==> flow/design.v <==
module sync_compare_mod #(
  parameter integer W = 20,
  parameter integer LANES = 3
) (
  input logic core_clk,
  input logic rst_n,
  input logic [LANES*W-1:0] ch,
  output logic [W-1:0] high
);
  wire [W-1:0] n_ [1:2*LANES-1];
  generate
    for (genvar k = 0; k < LANES; k++) begin : gen
      assign n_[LANES+k] = ch[k*W +: W];
    end
    for (genvar k = 1; k < LANES; k++) begin : lane
      assign n_[k] = (n_[2*k] > n_[2*k+1]) ? n_[2*k] : n_[2*k+1];
    end
  endgenerate
  always_ff @(posedge core_clk) begin
    if (~rst_n) begin
      high <= '0;
    end else begin
      high <= n_[1];
    end
  end
endmodule
* From RTL to reports: sync_compare_mod
What the tools print for sync_compare_mod, step after step. Lines are those of the file above, counted from 1. Library cell names are shortened. The mark - stands for no value.
Design: top module sync_compare_mod, clock input core_clk, cell library sky130hd, timing corner tt_025C_1v80

* Word level
Yosys after proc, flatten, opt, wreduce and memory -nomap, before mapping. Enables and synchronous resets that opt folds into registers are not counted as muxes. Memory bits, and registers merged into a memory's read port (data or address), are not among the register bits. Print and check cells are not counted. Equal cells are merged and count once.
Operators by class: magnitude comparators 2, mux-type cells 2
Operator list (number):
- 20-bit > comparator | 2
- 20-bit two-way mux | 2
Storage and ports: input bits 62, register bits after elaboration 20, cells after elaboration 5, output and inout bits 20

* Logic depth
Longest topological path by Yosys (ltp), each cell counted once; first at word level (registers and memories cut), then after technology mapping (sequential cells cut; the memories' decode and read muxes count).
Depth: depth in word-level cells 4, ABC_AREA 0, gate-level depth with buffers 19, depth with buffers taken out 17

* Netlist
Yosys stat after the flow's synthesis: flattened, memories mapped to cells. It holds for the ABC_AREA given above (unset counts as 0); a run with the other value may have another netlist. The area totals of this step are shown rounded.
Cell types:
- ha_1 | number 40, area in all 500.48 µm²
- dfxtp_1 | number 20, area in all 400.384 µm²
- inv_1 | number 55, area in all 206.448 µm²
- a21oi_1 | number 32, area in all 160.154 µm²
- mux2i_1 | number 15, area in all 150.144 µm²
- o21ai_0 | number 26, area in all 130.125 µm²
- nand2_1 | number 17, area in all 63.811 µm²
- nand4_1 | number 7, area in all 43.792 µm²
- nand2b_1 | number 5, area in all 31.28 µm²
- a21o_1 | number 4, area in all 30.029 µm²
- a31oi_1 | number 4, area in all 25.024 µm²
- clkbuf_1 | number 6, area in all 22.522 µm²
- a31oi_4 | number 1, area in all 21.27 µm²
- nor4_4 | number 1, area in all 21.27 µm²
- buf_12 | number 1, area in all 20.019 µm²
- nor3_4 | number 1, area in all 16.266 µm²
- a221oi_2 | number 1, area in all 15.014 µm²
- mux2i_2 | number 1, area in all 13.763 µm²
Not listed: further types 13, cells in them 17.
Mapped netlist: chip area (Yosys) 1981 µm², mapped cells 254, buffer cells 8, flip-flop cells 20, sequential area 400.4 µm²

* Worst setup path after synthesis
OpenSTA on the mapped netlist: ideal clock, no wires. The path of least setup slack (recovery checks aside). Input and output delay are each 20% of the period. Register names are those of the netlist, which keeps one name where synthesis merged equal registers.
Timing path after synthesis: kind input-to-reg, start in ch[59], end reg high[5], library setup time 0.132 ns, launch time at the first pin 1.010 ns, required time 4.918 ns, input delay 1.010 ns, period 5.05 ns, setup slack 0.810 ns, delay of the path 3.230 ns, driving pins on the path 17, path buffers 2, arrival 4.108 ns, synthesis period reached 4.24 ns
"delay of the path" is the arrival time less input delay plus setup time. "driving pins on the path": output pins that drive a net of the path, with the launching flip-flop's if there is one; two outputs of one cell count as two. "synthesis period reached" is the clock period less the worst setup slack; recovery checks do not enter. This is arithmetic on one report: input and output delays are still those of the set period (20% each). Between the ends stands the longest chain of elaborated cells between them, by number of cells; it is not shown to be the way that was timed. Of several equally long chains one is given. A line is the first line of the expression or statement that the cell stems from. Yosys adds cells for indexed reads and writes and turns some case tables into memories.
Between the ends, after synthesis: path through inv_1 ha_1 nand4_2 nor4_4 a221oi_2 a31oi_4 buf_6 mux2i_1 inv_1 ha_1 nand4_1 or2_1 a21oi_1 o31ai_1 a22oi_1 clkbuf_1 a31oi_1, length of the longest elaborated chain 4, elaborated cells between the ends (all ways) 4, RTL lines with such cells 1, those cells by class compare: 2; mux: 2
RTL lines, path after synthesis:
- start: declaration | RTL line 7 | input logic [LANES*W-1:0] ch,
- 20-bit > comparator | RTL line 16 | assign n_[k] = (n_[2*k] > n_[2*k+1]) ? n_[2*k] : n_[2*k+1];
- 20-bit two-way mux | RTL line 16
- 20-bit > comparator | RTL line 16
- 20-bit two-way mux | RTL line 16
- end: assignment | RTL line 21 | high <= '0;
- end: assignment | RTL line 23 | high <= n_[1];
- end: declaration | RTL line 8 | output logic [W-1:0] high

* Worst path after layout
Path of least setup slack in the final report of run 2 (OpenROAD, finished layout, wires in). Where an end is a register, its clock arrival counts in the times.
Timing path post-layout: kind input-to-reg, start in ch[55], end reg high[6], period 5.05 ns, setup slack 0.26 ns, input delay 1.01 ns, launch time at the first pin 1.01 ns, library setup time 0.07 ns, path buffers 3, arrival 4.97 ns, required time 5.24 ns, driving pins on the path 19
Between the ends stands the longest chain of elaborated cells between them, by number of cells; it is not shown to be the way that was timed. Of several equally long chains one is given.
Between the ends, post-layout: path through clkdlybuf4s50_1 inv_1 ha_1 nand4_1 nor4_4 a221oi_2 a31oi_4 buf_8 mux2i_1 inv_1 ha_1 nand4_1 or2_1 a21oi_1 o31ai_1 a22oi_2 buf_4 o21ai_0 a31oi_1, length of the longest elaborated chain 4, elaborated cells between the ends (all ways) 4, RTL lines with such cells 1, those cells by class compare: 2; mux: 2
RTL lines, path post-layout:
- start: declaration | RTL line 7 | input logic [LANES*W-1:0] ch,
- 20-bit > comparator | RTL line 16 | assign n_[k] = (n_[2*k] > n_[2*k+1]) ? n_[2*k] : n_[2*k+1];
- 20-bit two-way mux | RTL line 16
- 20-bit > comparator | RTL line 16
- 20-bit two-way mux | RTL line 16
- end: assignment | RTL line 21 | high <= '0;
- end: assignment | RTL line 23 | high <= n_[1];
- end: declaration | RTL line 8 | output logic [W-1:0] high

Module sync_compare_mod, platform sky130hd: 3 stored runs of the flow (Yosys, OpenROAD) with differing settings, in no particular order. Input and output delays are each 20% of the period that was set; the output load is 0.01 pF.
"achieved clock period" means the clock period less the worst setup slack. The figure is calculated, with input and output delays left at 20% of the set period.
"worst setup path time" = time allowed to the worst setup path (clock period - input delay - output delay, where it has them) - its slack; a late launch clock adds to it, a late capture clock takes from it.
"power" is the tool's figure for a default switching activity; nothing was simulated.
Measured values are rounded.
[run 1] settings: period_ns=6.37, CORE_UTILIZATION=51, PLACE_DENSITY_LB_ADDON=0.16, CORE_MARGIN=8, CELL_PAD_IN_SITES_GLOBAL_PLACEMENT=0, CELL_PAD_IN_SITES_DETAIL_PLACEMENT=2, TNS_END_PERCENT=20, GPL_TIMING_DRIVEN=0, GPL_ROUTABILITY_DRIVEN=1, CAP_MARGIN=20, SLEW_MARGIN=20
[run 1] result: did not finish, placement stopped with DPL-0033
[run 2] settings: period_ns=5.05, CAP_MARGIN=20, CORE_MARGIN=2, CORE_UTILIZATION=40, SLEW_MARGIN=20
[run 2] result: chip area after synthesis (Yosys) 1981 µm², die area 5530 µm², standard-cell area of the final layout 2930 µm², utilization 0.616, worst setup slack after layout 0.265 ns, total negative slack 0.000 ns, worst hold slack 1.383 ns, power 0.5940 mW, achieved clock period 4.785 ns, worst setup path time 3.78 ns, worst setup path kind input-to-reg
[run 3] settings: period_ns=4.84, CORE_UTILIZATION=35, PLACE_DENSITY_LB_ADDON=0.15, CORE_MARGIN=6, CTS_CLUSTER_DIAMETER=139, CAP_MARGIN=5, SLEW_MARGIN=25
[run 3] result: chip area after synthesis (Yosys) 1981 µm², die area 7608 µm², standard-cell area of the final layout 3339 µm², utilization 0.634, worst setup slack after layout 0.137 ns, total negative slack 0.000 ns, worst hold slack 1.059 ns, power 0.7046 mW, achieved clock period 4.703 ns, worst setup path time 3.73 ns, worst setup path kind input-to-reg
